==> flow/design.v <==
module sync_sel_unit_stage #(
  parameter DATA_W = 3,
  parameter N = 4,
  parameter SW = $clog2(N)
) (
  input wire ck,
  input wire rst,
  input wire [N*DATA_W-1:0] in_src,
  input wire [SW-1:0] in_select,
  output wire [DATA_W-1:0] out_y
);
  reg [N*DATA_W-1:0] src_d1;
  reg [SW-1:0] select_d1;
  always @(posedge ck) begin
    if (rst) begin
      src_d1 <= 0;
      select_d1 <= 0;
    end else begin
      src_d1 <= in_src;
      select_d1 <= in_select;
    end
  end
  localparam LO_W = N / 2;
  reg [DATA_W-1:0] lsb_d1;
  reg [DATA_W-1:0] high_d1;
  reg select_d1_d;
  reg [DATA_W-1:0] y_d1;
  always @(posedge ck) begin
    if (rst) begin
      lsb_d1 <= 0;
      high_d1 <= 0;
      select_d1_d <= 1'b0;
      y_d1 <= 0;
    end else begin
      lsb_d1 <= src_d1[select_d1[SW-2:0]*DATA_W +: DATA_W];
      high_d1 <= src_d1[(LO_W + select_d1[SW-2:0])*DATA_W +: DATA_W];
      select_d1_d <= select_d1[SW-1];
      y_d1 <= select_d1_d ? high_d1 : lsb_d1;
    end
  end
  assign out_y = y_d1;
endmodule
Reports on sync_sel_unit_stage
Tool output for the design above, in the order of the flow. Lines are those of the file above, counted from 1. Cell names lack the library's common part. The mark - stands for no value.

Top: sync_sel_unit_stage. Clock: ck. Library: sky130hd. Corner: tt_025C_1v80.

Word-level counts
Yosys after proc, flatten, opt, wreduce and memory -nomap, before mapping. Enables and synchronous resets that opt folds into registers are not counted as muxes. Memory bits, and registers merged into a memory's read port (data or address), are not among the register bits. Print and check cells are not counted. Equal cells are merged and count once.

Add/subtract/negate cells: 1. Multipliers: 2. Under shift-type cells stands 2. Under muxes and demuxes stands 1.

Operators with widths (count): variable part select 12 x 4 -> 3 bit (1); variable part select 12 x 6 -> 3 bit (1); multiplier 3 x 2 -> 5 bit with constant B (1); multiplier 1 x 2 -> 3 bit with constant B (1); adder 2 x 1 -> 3 bit with constant A (1); two-way mux 3 bit (1).

The figure for register bits after elaboration is 24. Under input port bits stands 16. Under output and inout bits stands 3. For word-level cells the number is 12.

Depth
Depth = most cells in a row (Yosys ltp): at word level without a register or memory, in the mapped netlist without a sequential cell, where the memories' decode and read muxes count.

For depth after elaboration the number is 3. The figure for ABC_AREA is 0. Depth in mapped cells: 3. Gate-level depth less buffers: 2.

Netlist
The flow's flattened synthesis, as Yosys stat reports it; memories are mapped. The netlist is that of the ABC_AREA named above (0 if unset); the other value can give another one. The area totals of this step are shown rounded.

Cells by type: dfxtp_1 (count 24, area in all 480.461 sq um); nor2b_1 (count 15, area in all 93.84 sq um); mux2i_1 (count 9, area in all 90.086 sq um); nor2_1 (count 9, area in all 33.782 sq um); buf_4 (count 2, area in all 15.014 sq um); buf_6 (count 1, area in all 11.261 sq um).

Cell count: 60. For synthesis area the number is 724.4 sq um. For area of sequential cells the number is 480.5 sq um. The figure for flip-flop cells is 24. For buffer cells the number is 3.

Timing after synthesis
Path of least setup slack by OpenSTA after synthesis, without wires, with an ideal clock, recovery checks aside; 20% of the period is set as input and as output delay. Where synthesis merged equal registers, the netlist keeps one of their names.

Kind: register -> register. From: register select_d1[0]. To: register high_d1[0]. The figure for clock period is 0.935 ns. Library setup time: 0.114 ns. The figure for launch time at the first pin is 0.000 ns. Under arrival stands 0.634 ns. The entry for required time reads 0.821 ns. Slack: 0.186 ns. For delay of the path the number is 0.748 ns. For stages the number is 4. The entry for buffers on the path reads 1. Under synthesis period reached stands 0.749 ns.

"delay of the path" is the arrival time less input delay plus setup time. "stages" counts driving pins, that of a launching flip-flop among them; a cell with two outputs on the path counts twice. "synthesis period reached" = period - worst setup slack (recovery checks aside). The figure is calculated, with input and output delays left at 20% of the set period. Between the ends stands the longest chain of elaborated cells between them, by number of cells; it is not shown to be the way that was timed. Of several equally long chains one is given. A line is the first line of the expression or statement that the cell stems from. Yosys adds cells for indexed reads and writes and turns some case tables into memories.

Cells stage by stage: dfxtp_1 -> buf_6 -> mux2i_1 -> nor2_1. For cells in the longest elaborated chain the number is 3. The figure for elaborated cells on any way between the ends is 3. Under RTL lines with such cells stands 1. Those cells by class: 1 x add/sub; 1 x mul; 1 x shift.

RTL lines, path post-synthesis: start, declared (RTL line 13) `reg [SW-1:0] select_d1;`; start, assigned (RTL line 17) `select_d1 <= 0;`; start, assigned (RTL line 20) `select_d1 <= in_select;`; adder 2 x 1 -> 3 bit (RTL line 36) `high_d1 <= src_d1[(LO_W + select_d1[SW-2:0])*DATA_W +: DATA_W];`; multiplier 3 x 2 -> 5 bit (RTL line 36); variable part select 12 x 6 -> 3 bit (RTL line 36); end, assigned (RTL line 31) `high_d1 <= 0;`; end, assigned (RTL line 36); end, declared (RTL line 25) `reg [DATA_W-1:0] high_d1;`.

Worst path after layout
From the final timing report of job 1: the path of least setup slack in the routed layout; clock arrival at registers is part of the times.

Kind: register -> output. From: register y_d1[2]. To: output out_y[2]. The figure for clock period is 1.38 ns. The figure for output delay is 0.28 ns. The figure for launch time at the first pin is 0.29 ns. Under arrival stands 0.88 ns. The entry for required time reads 1.10 ns. Slack: 0.22 ns. For stages the number is 2. The entry for buffers on the path reads 1.

Cells stage by stage: dfxtp_1 -> dlygate4sd2_1. For cells in the longest elaborated chain the number is 0. The figure for elaborated cells on any way between the ends is 0. Under RTL lines with such cells stands 0.

RTL lines, path post-layout: start, declared (RTL line 27) `reg [DATA_W-1:0] y_d1;`; start, assigned (RTL line 33) `y_d1 <= 0;`; start, assigned (RTL line 38) `y_d1 <= select_d1_d ? high_d1 : lsb_d1;`; end, declared (RTL line 10) `output wire [DATA_W-1:0] out_y`.

## Implementation results

Design sync_sel_unit_stage on sky130hd. What follows are 3 stored runs of the flow, each under its own settings; their order means nothing. The constraints put input and output delay at 20% of the set period each and load the outputs with 0.01 pF. "period achieved": clock period set for the run, less the worst setup slack. It is reckoned from that one timing run; input and output delays stay at 20% of the period that was set. "time used up by the worst setup path": the worst setup path's part of the clock period (all of it between registers, 20% less for each end at a port) less its slack. A launch clock that arrives late makes it longer, a capture clock that arrives late makes it shorter. "total design power" rests on the timing tool's default activity at the inputs, not on a simulated workload. The results are shown rounded.

Files of job 1:
==> flow/run.sh <==
#!/bin/bash
# the make line also repeats the synthesis and layout settings of config.mk as NAME=value (left out here)
make -C /OpenROAD-flow-scripts/flow DESIGN_CONFIG=/design/flow/config.mk WORK_HOME=/design/flow/orfs CLKGATE_MAP_FILE= finish
==> flow/config.mk <==
export PLATFORM = sky130hd
export DESIGN_NAME = sync_sel_unit_stage
export DESIGN_NICKNAME = sync_sel_unit_stage
export VERILOG_FILES = /design/flow/design.v
export SDC_FILE = /design/flow/constraint.sdc
export NUM_CORES = 4
export LEC_CHECK = 0
export ABC_AREA = 0
export CAP_MARGIN = 20
export CORE_MARGIN = 2
export CORE_UTILIZATION = 59
export MAX_ROUTING_LAYER = met4
export PLACE_DENSITY_LB_ADDON = 0.23
export SETUP_SLACK_MARGIN = 0.21
export SLEW_MARGIN = 20
export TNS_END_PERCENT = 30
==> flow/constraint.sdc <==
create_clock -name core_clock -period 1.38 [get_ports {ck}]
set_input_delay 0.2760 -clock core_clock [delete_from_list [all_inputs] [get_ports {ck}]]
set_output_delay 0.2760 -clock core_clock [all_outputs]
set_load 0.01 [all_outputs]

Results of job 1. The mapped cell area after synthesis comes to 724.4 sq um. The die size stands at 1524 sq um. The std-cell area (final layout) comes to 960.9 sq um. For the post-layout utilization the run shows 0.853. For the worst slack on setup checks the run shows 0.223 ns. The setup TNS is 0.000 ns. The measured worst hold slack is 0.479 ns. The total design power stands at 0.001324 W. The measured period achieved is 1.157 ns. For the time used up by the worst setup path the run shows 0.88 ns. Class of the worst setup path: register -> output.

Files of job 2:
==> flow/run.sh <==
#!/bin/bash
# the make line also repeats the synthesis and layout settings of config.mk as NAME=value (left out here)
make -C /OpenROAD-flow-scripts/flow DESIGN_CONFIG=/design/flow/config.mk WORK_HOME=/design/flow/orfs CLKGATE_MAP_FILE= finish
==> flow/config.mk <==
export PLATFORM = sky130hd
export DESIGN_NAME = sync_sel_unit_stage
export DESIGN_NICKNAME = sync_sel_unit_stage
export VERILOG_FILES = /design/flow/design.v
export SDC_FILE = /design/flow/constraint.sdc
export NUM_CORES = 4
export LEC_CHECK = 0
export ABC_AREA = 1
export CAP_MARGIN = 20
export CORE_MARGIN = 2
export CORE_UTILIZATION = 24
export CTS_CLUSTER_DIAMETER = 57
export PLACE_DENSITY_LB_ADDON = 0.3
export SETUP_SLACK_MARGIN = 0.23
export SLEW_MARGIN = 25
export TNS_END_PERCENT = 80
==> flow/constraint.sdc <==
create_clock -name core_clock -period 0.814 [get_ports {ck}]
set_input_delay 0.1628 -clock core_clock [delete_from_list [all_inputs] [get_ports {ck}]]
set_output_delay 0.1628 -clock core_clock [all_outputs]
set_load 0.01 [all_outputs]

Results of job 2. The mapped cell area after synthesis comes to 885.8 sq um. The die size stands at 4193 sq um. The std-cell area (final layout) comes to 1204 sq um. For the post-layout utilization the run shows 0.334. For the worst slack on setup checks the run shows -0.038 ns. The setup TNS is -0.107 ns. The measured worst hold slack is 0.397 ns. The total design power stands at 0.002531 W. The measured period achieved is 0.852 ns. For the time used up by the worst setup path the run shows 0.69 ns. Class of the worst setup path: register -> output.

Files of job 3:
==> flow/run.sh <==
#!/bin/bash
# the make line also repeats the synthesis and layout settings of config.mk as NAME=value (left out here)
make -C /OpenROAD-flow-scripts/flow DESIGN_CONFIG=/design/flow/config.mk WORK_HOME=/design/flow/orfs CLKGATE_MAP_FILE= finish
==> flow/config.mk <==
export PLATFORM = sky130hd
export DESIGN_NAME = sync_sel_unit_stage
export DESIGN_NICKNAME = sync_sel_unit_stage
export VERILOG_FILES = /design/flow/design.v
export SDC_FILE = /design/flow/constraint.sdc
export NUM_CORES = 4
export LEC_CHECK = 0
export CAP_MARGIN = 20
export CORE_MARGIN = 2
export CORE_UTILIZATION = 40
export SLEW_MARGIN = 20
==> flow/constraint.sdc <==
create_clock -name core_clock -period 0.935 [get_ports {ck}]
set_input_delay 0.1870 -clock core_clock [delete_from_list [all_inputs] [get_ports {ck}]]
set_output_delay 0.1870 -clock core_clock [all_outputs]
set_load 0.01 [all_outputs]

Results of job 3. The mapped cell area after synthesis comes to 724.4 sq um. The die size stands at 2167 sq um. The std-cell area (final layout) comes to 987.2 sq um. For the post-layout utilization the run shows 0.578. For the worst slack on setup checks the run shows 0.010 ns. The setup TNS is 0.000 ns. The measured worst hold slack is 0.420 ns. The total design power stands at 0.001951 W. The measured period achieved is 0.925 ns. For the time used up by the worst setup path the run shows 0.74 ns. Class of the worst setup path: register -> output.
